==> flow/design.v <==
module mplex_stage (clk, resetn, d0_in, d1_in, d2_in, d3_in, d4_in, d5_in, d6_in, d7_in, choose_in, o_out);
  parameter DATA_W = 10;
  input clk;
  input resetn;
  input [DATA_W-1:0] d0_in;
  input [DATA_W-1:0] d1_in;
  input [DATA_W-1:0] d2_in;
  input [DATA_W-1:0] d3_in;
  input [DATA_W-1:0] d4_in;
  input [DATA_W-1:0] d5_in;
  input [DATA_W-1:0] d6_in;
  input [DATA_W-1:0] d7_in;
  input [2:0] choose_in;
  output [DATA_W-1:0] o_out;
  reg [DATA_W-1:0] d0_q;
  reg [DATA_W-1:0] d1_q;
  reg [DATA_W-1:0] d2_q;
  reg [DATA_W-1:0] d3_q;
  reg [DATA_W-1:0] d4_q;
  reg [DATA_W-1:0] d5_q;
  reg [DATA_W-1:0] d6_q;
  reg [DATA_W-1:0] d7_q;
  reg [2:0] choose_q;
  reg [DATA_W-1:0] work;
  always @* begin
    case (choose_q)
      0: work = d0_q;
      1: work = d1_q;
      2: work = d2_q;
      3: work = d3_q;
      4: work = d4_q;
      5: work = d5_q;
      6: work = d6_q;
      default: work = d7_q;
    endcase
  end
  assign o_out = work;
  always @(posedge clk) begin
    if (~resetn) begin
      d0_q <= 0;
      d1_q <= 0;
      d2_q <= 0;
      d3_q <= 0;
      d4_q <= 0;
      d5_q <= 0;
      d6_q <= 0;
      d7_q <= 0;
      choose_q <= 0;
    end else begin
      d0_q <= d0_in;
      d1_q <= d1_in;
      d2_q <= d2_in;
      d3_q <= d3_in;
      d4_q <= d4_in;
      d5_q <= d5_in;
      d6_q <= d6_in;
      d7_q <= d7_in;
      choose_q <= choose_in;
    end
  end
endmodule
## Reports on mplex_stage

What the tools print for mplex_stage, step after step.
Line numbers count from 1 in the design file above.
Operators: Yosys type, input widths -> output width; for muxes data width and select width s.
The mark -- stands for no value.

| design | value |
|---|---|
| top | mplex_stage |
| clock | clk |
| cell library | sky130hd |
| library corner | tt_025C_1v80 |

## Elaborated design

Yosys after proc, flatten, opt, wreduce and memory -nomap, before mapping. Enables and synchronous resets that opt folds into registers are not counted as muxes. Memory bits, and registers merged into a memory's read port (data or address), are not among the register bits. Print and check cells are not counted. Equal cells are merged and count once.

| storage and ports | value |
|---|---|
| output and inout bits | 10 |
| register bits after elaboration | 83 |
| cells after elaboration | 17 |

| cells by class | value |
|---|---|
| muxes and demuxes | 1 |
| reductions and logical operators | 1 |
| equal/unequal tests | 6 |

Operator list:

| cell | count |
|---|---|
| $pmux 10 s7 | 1 |
| $eq 3x3->1 const B | 3 |
| $eq 3x2->1 const B | 2 |
| $eq 3x1->1 const B | 1 |
| $logic_not 3->1 | 1 |

## Logic depth

Yosys ltp: most cells in a row. Word level: on the elaborated netlist, between registers, memories and ports. Mapped: between sequential cells and ports; inverters and the memories' decode and read muxes count.

| logic depth | value |
|---|---|
| word-level depth | 2 |
| ABC_AREA | 0 |
| gate-level depth with buffers | 6 |
| gate-level depth less buffers | 4 |

## Mapped cells and area

Source: synth_stat.txt of the flow (Yosys; design flattened, memories mapped). It holds for the ABC_AREA given above (unset counts as 0); a run with the other value may have another netlist.
Totals and module areas in this step are rounded.

| synthesis totals | value |
|---|---|
| cells in the netlist | 266 |
| flip-flops | 83 |
| cell area after synthesis | 0.002953 mm^2 |
| area of sequential cells | 0.001662 mm^2 |

Cells by type:

| cell | count | total area (um^2) |
|---|---|---|
| sky130_fd_sc_hd__dfxtp_1 | 83 | 1.66E+03 |
| sky130_fd_sc_hd__and2_1 | 83 | 519.248 |
| sky130_fd_sc_hd__a221oi_2 | 9 | 135.13 |
| sky130_fd_sc_hd__a21oi_1 | 19 | 95.091 |
| sky130_fd_sc_hd__a221oi_1 | 9 | 78.826 |
| sky130_fd_sc_hd__o22a_1 | 9 | 78.826 |
| sky130_fd_sc_hd__a22oi_1 | 9 | 67.565 |
| sky130_fd_sc_hd__buf_6 | 6 | 67.565 |
| sky130_fd_sc_hd__clkbuf_8 | 3 | 41.29 |
| sky130_fd_sc_hd__clkbuf_1 | 9 | 33.782 |
| sky130_fd_sc_hd__nand2_1 | 9 | 33.782 |
| sky130_fd_sc_hd__and4bb_2 | 1 | 12.512 |
| sky130_fd_sc_hd__nor2_2 | 2 | 12.512 |
| sky130_fd_sc_hd__nor2b_1 | 2 | 12.512 |
| sky130_fd_sc_hd__a21boi_2 | 1 | 11.261 |
| sky130_fd_sc_hd__mux2_2 | 1 | 11.261 |
| sky130_fd_sc_hd__mux2i_1 | 1 | 10.01 |
| sky130_fd_sc_hd__nand3_2 | 1 | 10.01 |

Not listed: further types 9, cells in them 9.

## Timing after synthesis

OpenSTA on the mapped netlist: ideal clock, no wires. The path of least setup slack (recovery checks aside). Input and output delay are each 20% of the period. Register names are those of the netlist, which keeps one name where synthesis merged equal registers.

| path post-synthesis | value |
|---|---|
| path kind | register to output |
| start point | reg (name not given) |
| end point | out o_out[0] |
| stages on the path | 7 |
| arrival time | 1.199 ns |
| delay of the path | 1.199 ns |
| clock period | 1.87 ns |
| buffers on the path | 2 |
| data required time | 1.496 ns |
| slack | 0.297 ns |
| period reached after synthesis | 1.573 ns |

"delay of the path" is the arrival time less input delay plus setup time.
At an output port there is no setup time.
"stages on the path": output pins that drive a net of the path, with the launching flip-flop's if there is one; two outputs of one cell count as two.
"period reached after synthesis" is the clock period less the worst setup slack; recovery checks do not enter. This is arithmetic on one report: input and output delays are still those of the set period (20% each).
The rows between start and end are the longest chain of elaborated cells between them; the timing report does not say that the signal goes this way. Where chains are equally long, one stands for them.
A line is the first line of the expression or statement that the cell stems from. Yosys adds cells for indexed reads and writes and turns some case tables into memories.

| between the ends, post-synthesis | value |
|---|---|
| cells stage by stage | sky130_fd_sc_hd__dfxtp_1 sky130_fd_sc_hd__buf_6 sky130_fd_sc_hd__and2_4 sky130_fd_sc_hd__buf_6 sky130_fd_sc_hd__a221oi_1 sky130_fd_sc_hd__a21oi_1 sky130_fd_sc_hd__o22a_1 |
| cells in the longest elaborated chain | 2 |
| elaborated cells between the ends (all ways) | 8 |
| classes of those cells | 6 x eq/ne; 1 x mux; 1 x reduce/logical |

Ends and longest elaborated chain, post-synthesis:

| element | RTL line | source |
|---|---|---|
| from (decl) | 23 |  |
| from (assign) | 48 |  |
| from (assign) | 58 |  |
| $eq 3x3->1 | 26 |  |
| $pmux 10 s7 | 26 |  |
| to (decl) | 14 | `output [DATA_W-1:0] o_out;` |

## Worst path after layout

From the final timing report of run 2: the path of least setup slack in the routed layout; clock arrival at registers is part of the times.

| path after layout | value |
|---|---|
| path kind | register to output |
| start point | reg (name not given) |
| end point | out o_out[5] |
| clock period | 2.27 ns |
| buffers on the path | 3 |
| slack | 0.02 ns |
| stages on the path | 8 |
| arrival time | 1.79 ns |
| data required time | 1.82 ns |

The rows between start and end are the longest chain of elaborated cells between them; the timing report does not say that the signal goes this way. Where chains are equally long, one stands for them.

| between the ends, after layout | value |
|---|---|
| cells stage by stage | sky130_fd_sc_hd__dfxtp_4 sky130_fd_sc_hd__buf_4 sky130_fd_sc_hd__nor2_2 sky130_fd_sc_hd__buf_6 sky130_fd_sc_hd__a221oi_2 sky130_fd_sc_hd__a21oi_1 sky130_fd_sc_hd__o22a_1 sky130_fd_sc_hd__buf_2 |
| cells in the longest elaborated chain | 2 |
| elaborated cells between the ends (all ways) | 8 |
| classes of those cells | 6 x eq/ne; 1 x mux; 1 x reduce/logical |

Ends and longest elaborated chain, after layout:

| element | RTL line | source |
|---|---|---|
| from (decl) | 23 |  |
| from (assign) | 48 |  |
| from (assign) | 58 |  |
| $eq 3x3->1 | 26 |  |
| $pmux 10 s7 | 26 |  |
| to (decl) | 14 | `output [DATA_W-1:0] o_out;` |

Subject: flow runs of mplex_stage

Hi,

Module mplex_stage, platform sky130hd: 3 stored runs of the flow (Yosys, OpenROAD) with differing settings, in no particular order. Input and output delays are each 20% of the period that was set; the output load is 0.01 pF.
"achieved period" is the run's clock period less its worst setup slack. It is reckoned from that one timing run; input and output delays stay at 20% of the period that was set.
"critical path time" means the part of the period allowed to the worst setup path (the constraints hold back 20% at inputs and 20% at outputs) less its slack; where the path has registers, the arrival times of their clocks count too.
"total power of the final layout": no workload was simulated; the value follows from the tool's default switching activity.
Measured values are rounded.

## Run 1

==> flow/run.sh <==
#!/bin/bash
# the make line also repeats the synthesis and layout settings of config.mk as NAME=value (left out here)
make -C /OpenROAD-flow-scripts/flow DESIGN_CONFIG=/design/flow/config.mk WORK_HOME=/design/flow/orfs CLKGATE_MAP_FILE= finish
==> flow/config.mk <==
export PLATFORM = sky130hd
export DESIGN_NAME = mplex_stage
export DESIGN_NICKNAME = mplex_stage
export VERILOG_FILES = /design/flow/design.v
export SDC_FILE = /design/flow/constraint.sdc
export NUM_CORES = 4
export LEC_CHECK = 0
export CAP_MARGIN = 20
export CELL_PAD_IN_SITES_DETAIL_PLACEMENT = 0
export CELL_PAD_IN_SITES_GLOBAL_PLACEMENT = 3
export CORE_MARGIN = 2
export CORE_UTILIZATION = 57
export CTS_CLUSTER_SIZE = 11
export GPL_ROUTABILITY_DRIVEN = 0
export PLACE_DENSITY_LB_ADDON = 0.07
export SLEW_MARGIN = 20
export TNS_END_PERCENT = 35
==> flow/constraint.sdc <==
create_clock -name core_clock -period 1.99 [get_ports {clk}]
set_input_delay 0.3980 -clock core_clock [delete_from_list [all_inputs] [get_ports {clk}]]
set_output_delay 0.3980 -clock core_clock [all_outputs]
set_load 0.01 [all_outputs]

Run 1: did not finish, placement stopped with FLW-0024

## Run 2

==> flow/run.sh <==
#!/bin/bash
# the make line also repeats the synthesis and layout settings of config.mk as NAME=value (left out here)
make -C /OpenROAD-flow-scripts/flow DESIGN_CONFIG=/design/flow/config.mk WORK_HOME=/design/flow/orfs CLKGATE_MAP_FILE= finish
==> flow/config.mk <==
export PLATFORM = sky130hd
export DESIGN_NAME = mplex_stage
export DESIGN_NICKNAME = mplex_stage
export VERILOG_FILES = /design/flow/design.v
export SDC_FILE = /design/flow/constraint.sdc
export NUM_CORES = 4
export LEC_CHECK = 0
export ABC_AREA = 0
export CAP_MARGIN = 25
export CORE_MARGIN = 4
export CORE_UTILIZATION = 34
export CTS_CLUSTER_DIAMETER = 201
export MIN_ROUTING_LAYER = met2
export PLACE_DENSITY_LB_ADDON = 0.22
export SETUP_SLACK_MARGIN = 0.51
export SLEW_MARGIN = 35
==> flow/constraint.sdc <==
create_clock -name core_clock -period 2.27 [get_ports {clk}]
set_input_delay 0.4540 -clock core_clock [delete_from_list [all_inputs] [get_ports {clk}]]
set_output_delay 0.4540 -clock core_clock [all_outputs]
set_load 0.01 [all_outputs]

| result of run 2 | value |
|---|---|
| chip area after synthesis (Yosys) | 0.002953 mm^2 |
| die footprint | 0.01024 mm^2 |
| area of the standard cells in the finished layout | 0.004717 mm^2 |
| utilization in the final report | 0.566 |
| setup slack of the worst path | 0.023 ns |
| final setup TNS | 0.000 ns |
| lowest hold slack | 0.669 ns |
| total power of the final layout | 3.260 mW |
| achieved period | 2.247 ns |
| critical path time | 1.79 ns |
| type of the worst setup path | register to output |

## Run 3

==> flow/run.sh <==
#!/bin/bash
# the make line also repeats the synthesis and layout settings of config.mk as NAME=value (left out here)
make -C /OpenROAD-flow-scripts/flow DESIGN_CONFIG=/design/flow/config.mk WORK_HOME=/design/flow/orfs CLKGATE_MAP_FILE= finish
==> flow/config.mk <==
export PLATFORM = sky130hd
export DESIGN_NAME = mplex_stage
export DESIGN_NICKNAME = mplex_stage
export VERILOG_FILES = /design/flow/design.v
export SDC_FILE = /design/flow/constraint.sdc
export NUM_CORES = 4
export LEC_CHECK = 0
export CAP_MARGIN = 20
export CORE_MARGIN = 2
export CORE_UTILIZATION = 40
export SLEW_MARGIN = 20
==> flow/constraint.sdc <==
create_clock -name core_clock -period 1.87 [get_ports {clk}]
set_input_delay 0.3740 -clock core_clock [delete_from_list [all_inputs] [get_ports {clk}]]
set_output_delay 0.3740 -clock core_clock [all_outputs]
set_load 0.01 [all_outputs]

| result of run 3 | value |
|---|---|
| chip area after synthesis (Yosys) | 0.002953 mm^2 |
| die footprint | 0.008086 mm^2 |
| area of the standard cells in the finished layout | 0.004554 mm^2 |
| utilization in the final report | 0.631 |
| setup slack of the worst path | -0.230 ns |
| final setup TNS | -1.941 ns |
| lowest hold slack | 0.572 ns |
| total power of the final layout | 3.699 mW |
| achieved period | 2.100 ns |
| critical path time | 1.73 ns |
| type of the worst setup path | register to output |

Regards
